==> flow/design.v <==
module mux_stage (clk_i, aresetn, adv, d_0_in, d_1_in, d_2_in, d_3_in, select_in, o_out);
  parameter BITS = 32;
  input clk_i;
  input aresetn;
  input adv;
  input [BITS-1:0] d_0_in;
  input [BITS-1:0] d_1_in;
  input [BITS-1:0] d_2_in;
  input [BITS-1:0] d_3_in;
  input [1:0] select_in;
  output reg [BITS-1:0] o_out;
  reg [BITS-1:0] work;
  always @* begin
    if (select_in == 0) work = d_0_in;
    else if (select_in == 1) work = d_1_in;
    else if (select_in == 2) work = d_2_in;
    else work = d_3_in;
  end
  always @(posedge clk_i or negedge aresetn) begin
    if (~aresetn) begin
      o_out <= 0;
    end else if (adv) begin
      o_out <= work;
    end
  end
endmodule
# Tool chain data of mux_stage
# A sweep over "inputs": the same steps for each member of the family.
# The RTL above is that of inputs 4; lines are counted from 1 in the file of the member named.
# Library cell names are shortened.
setup:
  top_module: "mux_stage"
  clock: "clk_i"
  library: "sky130hd"
  corner: "tt_025C_1v80"

# Members of the sweep
# New or changed lines of each further member against the RTL above, in its own file; lines it lacks are not shown.
src_changes:
  columns: ["inputs", "line_no", "source"]
  rows:
  - [5, 1, "module mux_stage (clk_i, aresetn, adv, d_0_in, d_1_in, d_2_in, d_3_in, d_4_in, select_in, o_out);"]
  - [5, 10, "input [BITS-1:0] d_4_in;"]
  - [5, 11, "input [2:0] select_in;"]
  - [5, 18, "else if (select_in == 3) work = d_3_in;"]
  - [5, 19, "else work = d_4_in;"]
  - [6, 1, "module mux_stage (clk_i, aresetn, adv, d_0_in, d_1_in, d_2_in, d_3_in, d_4_in, d_5_in, select_in, o_out);"]
  - [6, 10, "input [BITS-1:0] d_4_in;"]
  - [6, 11, "input [BITS-1:0] d_5_in;"]
  - [6, 12, "input [2:0] select_in;"]
  - [6, 19, "else if (select_in == 3) work = d_3_in;"]
  - [6, 20, "else if (select_in == 4) work = d_4_in;"]
  - [6, 21, "else work = d_5_in;"]
  - [8, 1, "module mux_stage (clk_i, aresetn, adv, d_0_in, d_1_in, d_2_in, d_3_in, d_4_in, d_5_in, d_6_in, d_7_in, select_in, o_out);"]
  - [8, 10, "input [BITS-1:0] d_4_in;"]
  - [8, 11, "input [BITS-1:0] d_5_in;"]
  - [8, 12, "input [BITS-1:0] d_6_in;"]
  - [8, 13, "input [BITS-1:0] d_7_in;"]
  - [8, 14, "input [2:0] select_in;"]
  - [8, 21, "else if (select_in == 3) work = d_3_in;"]
  - [8, 22, "else if (select_in == 4) work = d_4_in;"]
  - [8, 23, "else if (select_in == 5) work = d_5_in;"]
  - [8, 24, "else if (select_in == 6) work = d_6_in;"]
  - [8, 25, "else work = d_7_in;"]

# Elaborated design
# Yosys after proc, flatten, opt, wreduce and memory -nomap, before mapping. Enables and synchronous resets that opt folds into registers are not counted as muxes. Memory bits, and registers merged into a memory's read port (data or address), are not among the register bits. Print and check cells are not counted. Equal cells are merged and count once.
classes:
  columns: ["inputs", "addsub", "mul", "n_div", "compare", "n_eq", "shifts", "mux", "bitwise", "reduce_and_logical"]
  rows:
  - [4, 0, 0, 0, 0, 2, 0, 3, 0, 1]
  - [5, 0, 0, 0, 0, 3, 0, 4, 0, 1]
  - [6, 0, 0, 0, 0, 4, 0, 5, 0, 1]
  - [8, 0, 0, 0, 0, 6, 0, 7, 0, 1]
ops:
  columns: ["inputs", "op_list"]
  rows:
  - [4, "32-bit 2-to-1 mux: 3; 2-bit by 1-bit == test with 1-bit output with constant B: 1; 2-bit == test with constant B: 1; 2-bit zero test: 1"]
  - [5, "32-bit 2-to-1 mux: 4; 3-bit by 2-bit == test with 1-bit output with constant B: 2; 3-bit by 1-bit == test with 1-bit output with constant B: 1; 3-bit zero test: 1"]
  - [6, "32-bit 2-to-1 mux: 5; 3-bit by 2-bit == test with 1-bit output with constant B: 2; 3-bit by 1-bit == test with 1-bit output with constant B: 1; 3-bit == test with constant B: 1; 3-bit zero test: 1"]
  - [8, "32-bit 2-to-1 mux: 7; 3-bit == test with constant B: 3; 3-bit by 2-bit == test with 1-bit output with constant B: 2; 3-bit by 1-bit == test with 1-bit output with constant B: 1; 3-bit zero test: 1"]
bits:
  columns: ["inputs", "ff_bits", "latchBits", "ramBits", "romBits", "clocked_rd_ports_x_width", "n_memories", "in_bits", "output_inout_bits", "word_cells"]
  rows:
  - [4, 32, 0, 0, 0, 0, 0, 133, 32, 7]
  - [5, 32, 0, 0, 0, 0, 0, 166, 32, 9]
  - [6, 32, 0, 0, 0, 0, 0, 198, 32, 11]
  - [8, 32, 0, 0, 0, 0, 0, 262, 32, 15]

# Depth
# Longest topological path by Yosys (ltp), each cell counted once; first at word level (registers and memories cut), then after technology mapping (sequential cells cut; the memories' decode and read muxes count).
depth:
  columns: ["inputs", "ltp_word", "ABC_AREA", "mapped_depth", "mapped_depth_nobuf"]
  rows:
  - [4, 4, 0, 4, 2]
  - [5, 5, 0, 6, 3]
  - [6, 6, 0, 6, 3]
  - [8, 8, 0, 9, 4]

# Synthesis result
# The flow's flattened synthesis, as Yosys stat reports it; memories are mapped. The netlist is that of the ABC_AREA named above (0 if unset); the other value can give another one.
# The area totals of this step are shown rounded.
mapped:
  columns: ["inputs", "cells", "yosys_area_um2", "seqArea_um2", "ffs", "buf_cells"]
  rows:
  - [4, 178, 2100, 800, 32, 16]
  - [5, 301, 2600, 800, 32, 36]
  - [6, 451, 4000, 800, 32, 63]
  - [8, 485, 3900, 800, 32, 49]
by_type:
  columns: ["inputs", "type_list"]
  rows:
  - [4, "dfrtp_1: 32; mux2i_1: 64; o221ai_1: 32; nand2b_1: 33; buf_8: 6; buf_2: 3; buf_1: 3; buf_6: 1; clkbuf_1: 3; nand2_1: 1"]
  - [5, "dfrtp_1: 32; o221ai_1: 30; o22a_1: 15; mux2_4: 8; a21o_1: 15; nand3b_1: 15; a222oi_1: 11; inv_1: 26; buf_2: 18; a21oi_1: 15; nand3_1: 15; nand2b_1: 11; o22ai_1: 11; a221o_1: 6; mux2i_1: 6; clkbuf_1: 14; nand2_1: 12; o21ai_0: 9; (+32)"]
  - [6, "dfrtp_1: 32; o211ai_2: 28; a221o_1: 32; a221oi_1: 32; and3b_1: 32; o211ai_1: 36; a21oi_2: 30; or4bb_1: 22; o21bai_1: 32; nand2b_1: 32; buf_6: 15; buf_2: 26; nand2_1: 32; nor2_1: 32; nand4bb_1: 10; clkbuf_1: 18; buf_4: 4; a21oi_1: 2; (+4)"]
  - [8, "dfrtp_1: 32; mux2i_1: 53; o221ai_1: 30; nand2_1: 69; a22o_1: 24; nor2_1: 44; nand2b_1: 26; o2bb2ai_1: 18; a211oi_1: 18; mux2_4: 7; nand3_1: 18; o22ai_1: 13; mux2_2: 7; buf_2: 15; clkbuf_1: 20; inv_1: 20; buf_4: 9; nor2b_1: 10; (+52)"]
# The mark (+n) counts cells that are not listed.

# Timing after synthesis
# OpenSTA on the mapped netlist: ideal clock, no wires. The path of least setup slack (recovery checks aside). Input and output delay are each 20% of the period. Register names are those of the netlist, which keeps one name where synthesis merged equal registers.
synth_path:
  columns: ["inputs", "kind", "startpoint", "endpoint", "tclk_ns", "setup_slack_ns", "path_stages", "delay_ns", "synth_period_reached_ns"]
  rows:
  - [4, "input to register", "input port select_in[0]", "register o_out[0]", 1.16, 0.186, 4, 0.741, 0.974]
  - [5, "input to register", "input port select_in[0]", "register o_out[15]", 1.72, 0.278, 5, 1.099, 1.442]
  - [6, "input to register", "input port select_in[2]", "register o_out[23]", 1.69, 0.271, 6, 1.081, 1.419]
  - [8, "input to register", "input port select_in[0]", "register o_out[0]", 1.91, 0.307, 6, 1.221, 1.603]
# "delay_ns" = arrival - input delay + setup time.
# "path_stages": output pins that drive a net of the path, with the launching flip-flop's if there is one; two outputs of one cell count as two.
# "synth_period_reached_ns" is the clock period less the worst setup slack; recovery checks do not enter. This is arithmetic on one report: input and output delays are still those of the set period (20% each).
# The rows between start and end are the longest chain of elaborated cells between them; the timing report does not say that the signal goes this way. Where chains are equally long, one stands for them.
# Each line given opens the expression or statement behind the cell; cells for indexed reads and writes are added by Yosys, which also makes memories of some case tables.
synth_between_inputs_4:
  elab_chain_cells: 4
synth_rtl_inputs_4:
  columns: ["item", "line_no", "source"]
  rows:
  - ["start: declaration", 10, "input [1:0] select_in;"]
  - ["2-bit == test", 16, "else if (select_in == 2) work = d_2_in;"]
  - ["32-bit 2-to-1 mux", 16, null]
  - ["32-bit 2-to-1 mux", 15, "else if (select_in == 1) work = d_1_in;"]
  - ["32-bit 2-to-1 mux", 14, "if (select_in == 0) work = d_0_in;"]
  - ["end: assignment", 21, "o_out <= 0;"]
  - ["end: assignment", 23, "o_out <= work;"]
  - ["end: declaration", 11, "output reg [BITS-1:0] o_out;"]
synth_between_inputs_8:
  elab_chain_cells: 8
synth_rtl_inputs_8:
  columns: ["item", "line_no", "source"]
  rows:
  - ["start: declaration", 14, "input [2:0] select_in;"]
  - ["3-bit == test", 24, "else if (select_in == 6) work = d_6_in;"]
  - ["32-bit 2-to-1 mux", 24, null]
  - ["32-bit 2-to-1 mux", 23, "else if (select_in == 5) work = d_5_in;"]
  - ["32-bit 2-to-1 mux", 22, "else if (select_in == 4) work = d_4_in;"]
  - ["32-bit 2-to-1 mux", 21, "else if (select_in == 3) work = d_3_in;"]
  - ["32-bit 2-to-1 mux", 20, "else if (select_in == 2) work = d_2_in;"]
  - ["32-bit 2-to-1 mux", 19, "else if (select_in == 1) work = d_1_in;"]
  - ["32-bit 2-to-1 mux", 18, "if (select_in == 0) work = d_0_in;"]
  - ["end: assignment", 29, "o_out <= 0;"]
  - ["end: assignment", 31, "o_out <= work;"]
  - ["end: declaration", 15, "output reg [BITS-1:0] o_out;"]

# Path in the finished layout
# Path of least setup slack in the final report of each member's run (OpenROAD, finished layout, wires in). Where an end is a register, its clock arrival counts in the times.
layout_path:
  columns: ["inputs", "kind", "startpoint", "endpoint", "tclk_ns", "setup_slack_ns", "path_stages", "t_arrival_ns", "n_path_buf"]
  rows:
  - [4, "register to output", "register o_out[30]", "output port o_out[30]", 1.16, 0.01, 2, 0.92, 1]
  - [5, "register to output", "register o_out[12]", "output port o_out[12]", 1.72, 0.15, 2, 1.22, 1]
  - [6, "input to register", "input port adv", "register o_out[30]", 1.69, 0.11, 5, 1.81, 2]
  - [8, "input to register", "input port select_in[0]", "register o_out[2]", 1.91, 0.27, 7, 1.86, 3]

# Layout results
# Settings and results of one run of the flow (Yosys, OpenROAD) for each member follow. The constraints put input and output delay at 20% of the set period each and load the outputs with 0.01 pF.
settings:
  CAP_MARGIN: 20
  CORE_MARGIN: 2
  CORE_UTILIZATION: 40
  SLEW_MARGIN: 20
settings_diff:
  columns: ["inputs", "period_ns"]
  rows:
  - [4, 1.16]
  - [5, 1.72]
  - [6, 1.69]
  - [8, 1.91]
results:
  columns: ["inputs", "post_synth_area_um2", "design.die.area_um2", "finalCellArea_um2", "post_route_util_pct", "worst_setup_slack_ns", "timing.setup.tns_ns", "final_power_mw", "period_less_ws_ns"]
  rows:
  - [4, 2100, 5800, 3800, 76, 0.013, 0.000, 3.6, 1.147]
  - [5, 2600, 7200, 4700, 75, 0.15, 0.000, 2.6, 1.566]
  - [6, 4000, 11000, 6500, 67, 0.11, 0.000, 3.1, 1.576]
  - [8, 3900, 10000, 7100, 76, 0.27, 0.000, 3.1, 1.641]
# "period_less_ws_ns" is the run's clock period less its worst setup slack. It is reckoned from that one timing run; input and output delays stay at 20% of the period that was set.
# "final_power_mw" rests on the timing tool's default activity at the inputs, not on a simulated workload.
# The measured numbers are rounded.
